==> flow/design.v <==
module word #(parameter N = 8) (
  input wire clk,
  input wire en,
  input wire [N-1:0] d,
  output reg [N-1:0] q
);
  always @(posedge clk)
    if (en) q <= d;
endmodule
module dp_mem_blk #(
  parameter DEPTH = 20,
  parameter NBITS = 6,
  parameter RP = 3,
  parameter ABITS = $clog2(DEPTH)
) (
  input  wire core_clk,
  input  wire rst_i,
  input  wire wr_en,
  input  wire [ABITS-1:0] write_addr,
  input  wire [NBITS-1:0] write_data,
  input  wire [RP*ABITS-1:0] read_addr,
  output reg [RP*NBITS-1:0] rd_data
);
  reg wr_en_reg;
  always @(posedge core_clk) begin
    if (rst_i) begin
      wr_en_reg <= 1'b0;
    end else begin
      wr_en_reg <= wr_en;
    end
  end
  reg [ABITS-1:0] write_addr_reg;
  always @(posedge core_clk) begin
    if (rst_i) begin
      write_addr_reg <= 0;
    end else begin
      write_addr_reg <= write_addr;
    end
  end
  reg [NBITS-1:0] write_data_reg;
  always @(posedge core_clk) begin
    if (rst_i) begin
      write_data_reg <= 0;
    end else begin
      write_data_reg <= write_data;
    end
  end
  wire [DEPTH*NBITS-1:0] bank;
  genvar g;
  generate
    for (g = 0; g < DEPTH; g = g + 1) begin : each
      word #(.N(NBITS)) u (.clk(core_clk), .en(wr_en_reg && write_addr_reg == g), .d(write_data_reg), .q(bank[g*NBITS +: NBITS]));
    end
  endgenerate
  reg [RP*ABITS-1:0] read_addr_reg;
  always @(posedge core_clk) begin
    if (rst_i) begin
      read_addr_reg <= 0;
    end else begin
      read_addr_reg <= read_addr;
    end
  end
  wire [RP*NBITS-1:0] work;
  genvar m;
  generate
    for (m = 0; m < RP; m = m + 1) begin : u_g
      assign work[m*NBITS +: NBITS] = bank[read_addr_reg[m*ABITS +: ABITS]*NBITS +: NBITS];
    end
  endgenerate
  always @(posedge core_clk) begin
    if (rst_i) begin
      rd_data <= 0;
    end else begin
      rd_data <= work;
    end
  end
endmodule
* Step by step through the tools: dp_mem_blk *
A sweep over "DEPTH": the same steps for each member of the family.
The RTL above is that of DEPTH=20; lines are counted from 1 in the file of the member named.
Cell names lack the library's common part.
Not given: --

inputs
  top module = dp_mem_blk
  clock = core_clk
  standard-cell library = sky130hd
  library corner = tt_025C_1v80

* Source of the members *
New or changed lines of each further member against the RTL above, in its own file; lines it lacks are not shown.

lines new or changed
  DEPTH  RTL line  RTL
  32     11        parameter DEPTH = 32,
  40     11        parameter DEPTH = 40,
  64     11        parameter DEPTH = 64,
  96     11        parameter DEPTH = 96,
  128    11        parameter DEPTH = 128,

* Word-level counts *
Yosys after proc, flatten, opt, wreduce and memory -nomap, before mapping. Enables and synchronous resets that opt folds into registers are not counted as muxes. Memory bits, and registers merged into a memory's read port (data or address), are not among the register bits. Print and check cells are not counted. Equal cells are merged and count once.

operators by class
  DEPTH  shift operators  multiply operators  equality and inequality tests  reductions and logical operators
  20     3                3                   19                             21
  32     3                3                   31                             33
  40     3                3                   39                             41
  64     3                3                   63                             65
  96     3                3                   95                             97
  128    3                3                   127                            129

operators with widths
  DEPTH  kinds with counts
  20     indexed select 120 x 9 -> 6 bit: 3; multiplier 5 x 2 -> 7 bit (second input constant): 3; == test 5 x 4 -> 1 bit (second input constant): 8; logical AND 1 bit: 20; == test 5 x 3 -> 1 bit (second input constant): 4; == test 5 bit (second input constant): 4; == test 5 x 2 -> 1 bit (second input constant): 2; == test 5 x 1 -> 1 bit (second input constant): 1; logical NOT 5 bit: 1
  32     indexed select 192 x 9 -> 6 bit: 3; == test 5 bit (second input constant): 16; multiplier 5 x 2 -> 7 bit (second input constant): 3; == test 5 x 4 -> 1 bit (second input constant): 8; logical AND 1 bit: 32; == test 5 x 3 -> 1 bit (second input constant): 4; == test 5 x 2 -> 1 bit (second input constant): 2; == test 5 x 1 -> 1 bit (second input constant): 1; logical NOT 5 bit: 1
  40     indexed select 240 x 10 -> 6 bit: 3; == test 6 x 5 -> 1 bit (second input constant): 16; multiplier 6 x 2 -> 8 bit (second input constant): 3; == test 6 x 4 -> 1 bit (second input constant): 8; == test 6 bit (second input constant): 8; logical AND 1 bit: 40; == test 6 x 3 -> 1 bit (second input constant): 4; == test 6 x 2 -> 1 bit (second input constant): 2; == test 6 x 1 -> 1 bit (second input constant): 1; logical NOT 6 bit: 1
  64     indexed select 384 x 10 -> 6 bit: 3; == test 6 bit (second input constant): 32; == test 6 x 5 -> 1 bit (second input constant): 16; logical AND 1 bit: 64; multiplier 6 x 2 -> 8 bit (second input constant): 3; == test 6 x 4 -> 1 bit (second input constant): 8; == test 6 x 3 -> 1 bit (second input constant): 4; == test 6 x 2 -> 1 bit (second input constant): 2; == test 6 x 1 -> 1 bit (second input constant): 1; logical NOT 6 bit: 1
  96     indexed select 576 x 11 -> 6 bit: 3; == test 7 x 6 -> 1 bit (second input constant): 32; == test 7 bit (second input constant): 32; == test 7 x 5 -> 1 bit (second input constant): 16; logical AND 1 bit: 96; == test 7 x 4 -> 1 bit (second input constant): 8; multiplier 7 x 2 -> 9 bit (second input constant): 3; == test 7 x 3 -> 1 bit (second input constant): 4; == test 7 x 2 -> 1 bit (second input constant): 2; == test 7 x 1 -> 1 bit (second input constant): 1; logical NOT 7 bit: 1
  128    indexed select 768 x 11 -> 6 bit: 3; == test 7 bit (second input constant): 64; == test 7 x 6 -> 1 bit (second input constant): 32; logical AND 1 bit: 128; == test 7 x 5 -> 1 bit (second input constant): 16; == test 7 x 4 -> 1 bit (second input constant): 8; multiplier 7 x 2 -> 9 bit (second input constant): 3; == test 7 x 3 -> 1 bit (second input constant): 4; == test 7 x 2 -> 1 bit (second input constant): 2; == test 7 x 1 -> 1 bit (second input constant): 1; logical NOT 7 bit: 1

word-level totals
  DEPTH  elaborated cells  input bits  register bits
  20     71                29          165
  32     107               29          237
  40     131               33          289
  64     203               33          433
  96     299               37          629
  128    395               37          821

* Longest topological paths *
Yosys ltp: most cells in a row. Word level: on the elaborated netlist, between registers, memories and ports. Mapped: between sequential cells and ports; inverters and the memories' decode and read muxes count.

depth
  DEPTH  depth in word-level cells  ABC_AREA  mapped depth  depth with buffers taken out
  20     2                          0         7             4
  32     2                          0         6             4
  40     2                          0         8             5
  64     2                          0         9             5
  96     2                          0         9             5
  128    2                          0         11            6

* Mapped cells and area *
Source: synth_stat.txt of the flow (Yosys; design flattened, memories mapped). It holds for the ABC_AREA given above (unset counts as 0); a run with the other value may have another netlist.
The area totals of this step are shown rounded.

cells by type
  DEPTH  types with counts
  20     edfxtp_1: 120; mux4_2: 58; dfxtp_1: 45; mux2_2: 41; mux2i_1: 25; nor2b_1: 35; a22oi_1: 29; a221oi_1: 15; a311oi_1: 9; nor2_1: 21; a211oi_1: 7; nand2_1: 13; buf_2: 9; clkbuf_1: 12; nor3_1: 8; buf_4: 5; nor3b_4: 2; nand3_1: 7; (+49)
  32     edfxtp_1: 192; mux4_2: 109; mux4_1: 35; dfxtp_1: 45; mux2i_1: 29; nor2b_1: 40; a22oi_1: 31; buf_6: 13; nor2_1: 38; a211o_1: 10; a31oi_1: 12; a41oi_2: 4; o22ai_1: 10; a221o_1: 6; buf_2: 12; buf_4: 8; nand3_1: 10; clkbuf_1: 11; (+29)
  40     edfxtp_1: 240; mux4_2: 118; mux2i_1: 109; dfxtp_1: 49; mux2_2: 55; a221oi_1: 28; nor2b_1: 37; o22ai_1: 35; nor2_1: 51; mux4_1: 7; o221ai_1: 15; buf_2: 22; clkbuf_1: 25; nor3_1: 16; buf_6: 7; buf_4: 9; a22o_1: 7; nand2_1: 13; (+68)
  64     edfxtp_1: 384; mux4_2: 285; dfxtp_1: 49; mux2i_1: 43; nor2_1: 91; nor2b_1: 53; o22ai_1: 33; buf_4: 26; mux2_2: 14; buf_2: 30; clkbuf_1: 37; buf_6: 12; nor3_1: 27; nand3_1: 22; nand2_1: 29; a22oi_1: 13; nand2b_1: 13; a2111oi_0: 8; (+136)
  96     edfxtp_1: 576; mux4_2: 427; mux2i_1: 107; dfxtp_1: 53; nor2_1: 123; buf_4: 49; nor2b_1: 54; a22oi_1: 36; buf_2: 54; mux4_1: 9; nand2_1: 62; mux2_2: 18; nand3_1: 38; clkbuf_1: 39; a211oi_1: 15; o21ai_0: 22; o22ai_1: 17; nand3b_1: 13; (+162)
  128    edfxtp_1: 768; mux4_2: 289; mux2i_1: 583; a22oi_1: 197; dfxtp_1: 53; nor2_1: 200; nand3_1: 93; o22ai_1: 70; buf_6: 36; clkbuf_1: 101; a21oi_1: 74; nor2b_1: 55; buf_2: 68; nand2_1: 88; buf_4: 38; o221ai_1: 19; a41oi_1: 18; o22a_1: 18; (+269)

The mark (+n) counts cells that are not listed.

synthesis totals
  DEPTH  mapped cells  area of sequential cells (um2)  synthesis area (um2)  mapped flip-flops
  20     510           4500                            7910                  165
  32     644           6670                            11900                 237
  40     911           8190                            14800                 289
  64     1305          12500                           22600                 433
  96     1874          18400                           33400                 629
  128    3037          24100                           44600                 821

By module: a second synthesis without flattening, with its own total; a netlist apart from the flattened one above.

second synthesis, totals
  DEPTH  cell total of the unflattened synthesis  area (unflattened synthesis) (um2)
  20     513                                      8030
  32     661                                      11800
  40     834                                      14500
  64     1252                                     22800
  96     1886                                     33300
  128    2571                                     43500

* Path before layout *
Source: OpenSTA report_checks on the synthesized netlist (no wires, ideal clock, input and output delay 20% of the period each), path of least setup slack; recovery checks are left aside. Register names are those of the netlist, which keeps one name where synthesis merged equal registers.

path after synthesis
  DEPTH  path type             start                       end                      path delay (ns)  stages  path slack (ns)  period (ns)  period reached after synthesis (ns)
  20     register to register  register read_addr_reg[5]   register rd_data[8]      1.734            5       0.436            2.17         1.734
  32     register to register  register read_addr_reg[11]  register rd_data[13]     1.634            6       0.406            2.04         1.634
  40     register to register  register wr_en_reg          register each[8].u.q[0]  2.308            5       0.572            2.88         2.308
  64     register to register  register read_addr_reg[6]   register rd_data[10]     2.022            8       0.508            2.53         2.022
  96     register to register  register read_addr_reg[1]   register rd_data[2]      2.155            9       0.534            2.69         2.156
  128    register to register  register write_data_reg[0]  register each[0].u.q[0]  2.349            1       0.591            2.94         2.349

"path delay" = arrival - input delay + setup time.
"stages" counts driving pins, that of a launching flip-flop among them; a cell with two outputs on the path counts twice.
"period reached after synthesis" = period - worst setup slack (recovery checks aside). The figure is calculated, with input and output delays left at 20% of the set period.
The rows between start and end are the longest chain of elaborated cells between them; the timing report does not say that the signal goes this way. Where chains are equally long, one stands for them.
A line is the first line of the expression or statement that the cell stems from. Yosys adds cells for indexed reads and writes and turns some case tables into memories.

between the ends, after synthesis, DEPTH=20
  length of the longest elaborated chain = 2

RTL lines, path after synthesis, DEPTH=20
  item                             RTL line  RTL
  start: declaration               55        reg [RP*ABITS-1:0] read_addr_reg;
  start: assignment                58        read_addr_reg <= 0;
  start: assignment                60        read_addr_reg <= read_addr;
  multiplier 5 x 2 -> 7 bit        67        assign work[m*NBITS +: NBITS] = bank[read_addr_reg[m*ABITS +: ABITS]*NBITS +: NBITS];
  indexed select 120 x 9 -> 6 bit  67
  end: assignment                  72        rd_data <= 0;
  end: assignment                  74        rd_data <= work;
  end: declaration                 22        output reg [RP*NBITS-1:0] rd_data

between the ends, after synthesis, DEPTH=128
  length of the longest elaborated chain = 0

RTL lines, path after synthesis, DEPTH=128
  item                RTL line  RTL
  start: declaration  40        reg [NBITS-1:0] write_data_reg;
  start: assignment   43        write_data_reg <= 0;
  start: assignment   45        write_data_reg <= write_data;
  end: assignment     8         if (en) q <= d;
  end: declaration    5         output reg [N-1:0] q

* Timing after layout *
Path of least setup slack in the final report of the run of each member (OpenROAD, finished layout, wires in). Where an end is a register, its clock arrival counts in the times.

path post-layout
  DEPTH  path type             start                       end                   stages  period (ns)  data arrival time (ns)  path slack (ns)  buffers on the path
  20     register to register  register read_addr_reg[6]   register rd_data[9]   6       2.17         2.24                    0.22             1
  32     register to register  register read_addr_reg[11]  register rd_data[14]  6       2.04         2.40                    0.05             1
  40     register to register  register read_addr_reg[0]   register rd_data[2]   6       2.88         3.05                    0.25             2
  64     register to register  register read_addr_reg[8]   register rd_data[11]  7       2.53         2.99                    0.06             2
  96     register to register  register read_addr_reg[7]   register rd_data[10]  6       2.69         3.20                    0.00             1
  128    register to register  register read_addr_reg[16]  register rd_data[13]  10      2.94         3.49                    0.03             3

* Flow runs *
One run of the flow (Yosys, OpenROAD) for each member, with settings and measured results. Input and output delays are each 20% of the period that was set; the output load is 0.01 pF.

settings
  CAP_MARGIN = 20
  CORE_MARGIN = 2
  CORE_UTILIZATION = 40
  SLEW_MARGIN = 20

settings by member
  DEPTH  period_ns
  20     2.17
  32     2.04
  40     2.88
  64     2.53
  96     2.69
  128    2.94

results
  DEPTH  smallest setup slack (ns)  lowest hold slack (ns)  period reached (ns)  die footprint (um2)  utilization (%)  chip area after synthesis (Yosys) (um2)  total negative slack (ns)
  20     0.218                      0.398                   1.952                20900                48.0             7910                                     0.000
  32     0.048                      0.426                   1.992                31000                47.7             11900                                    0.000
  40     0.249                      0.436                   2.631                38500                46.8             14800                                    0.000
  64     0.059                      0.460                   2.471                58400                47.6             22600                                    0.000
  96     -0.001                     0.448                   2.691                85800                48.0             33400                                    -0.001
  128    0.035                      0.418                   2.905                114000               47.0             44600                                    0.000

"period reached" is the run's clock period less its worst setup slack. It is reckoned from that one timing run; input and output delays stay at 20% of the period that was set.
Values from the reports are rounded here.
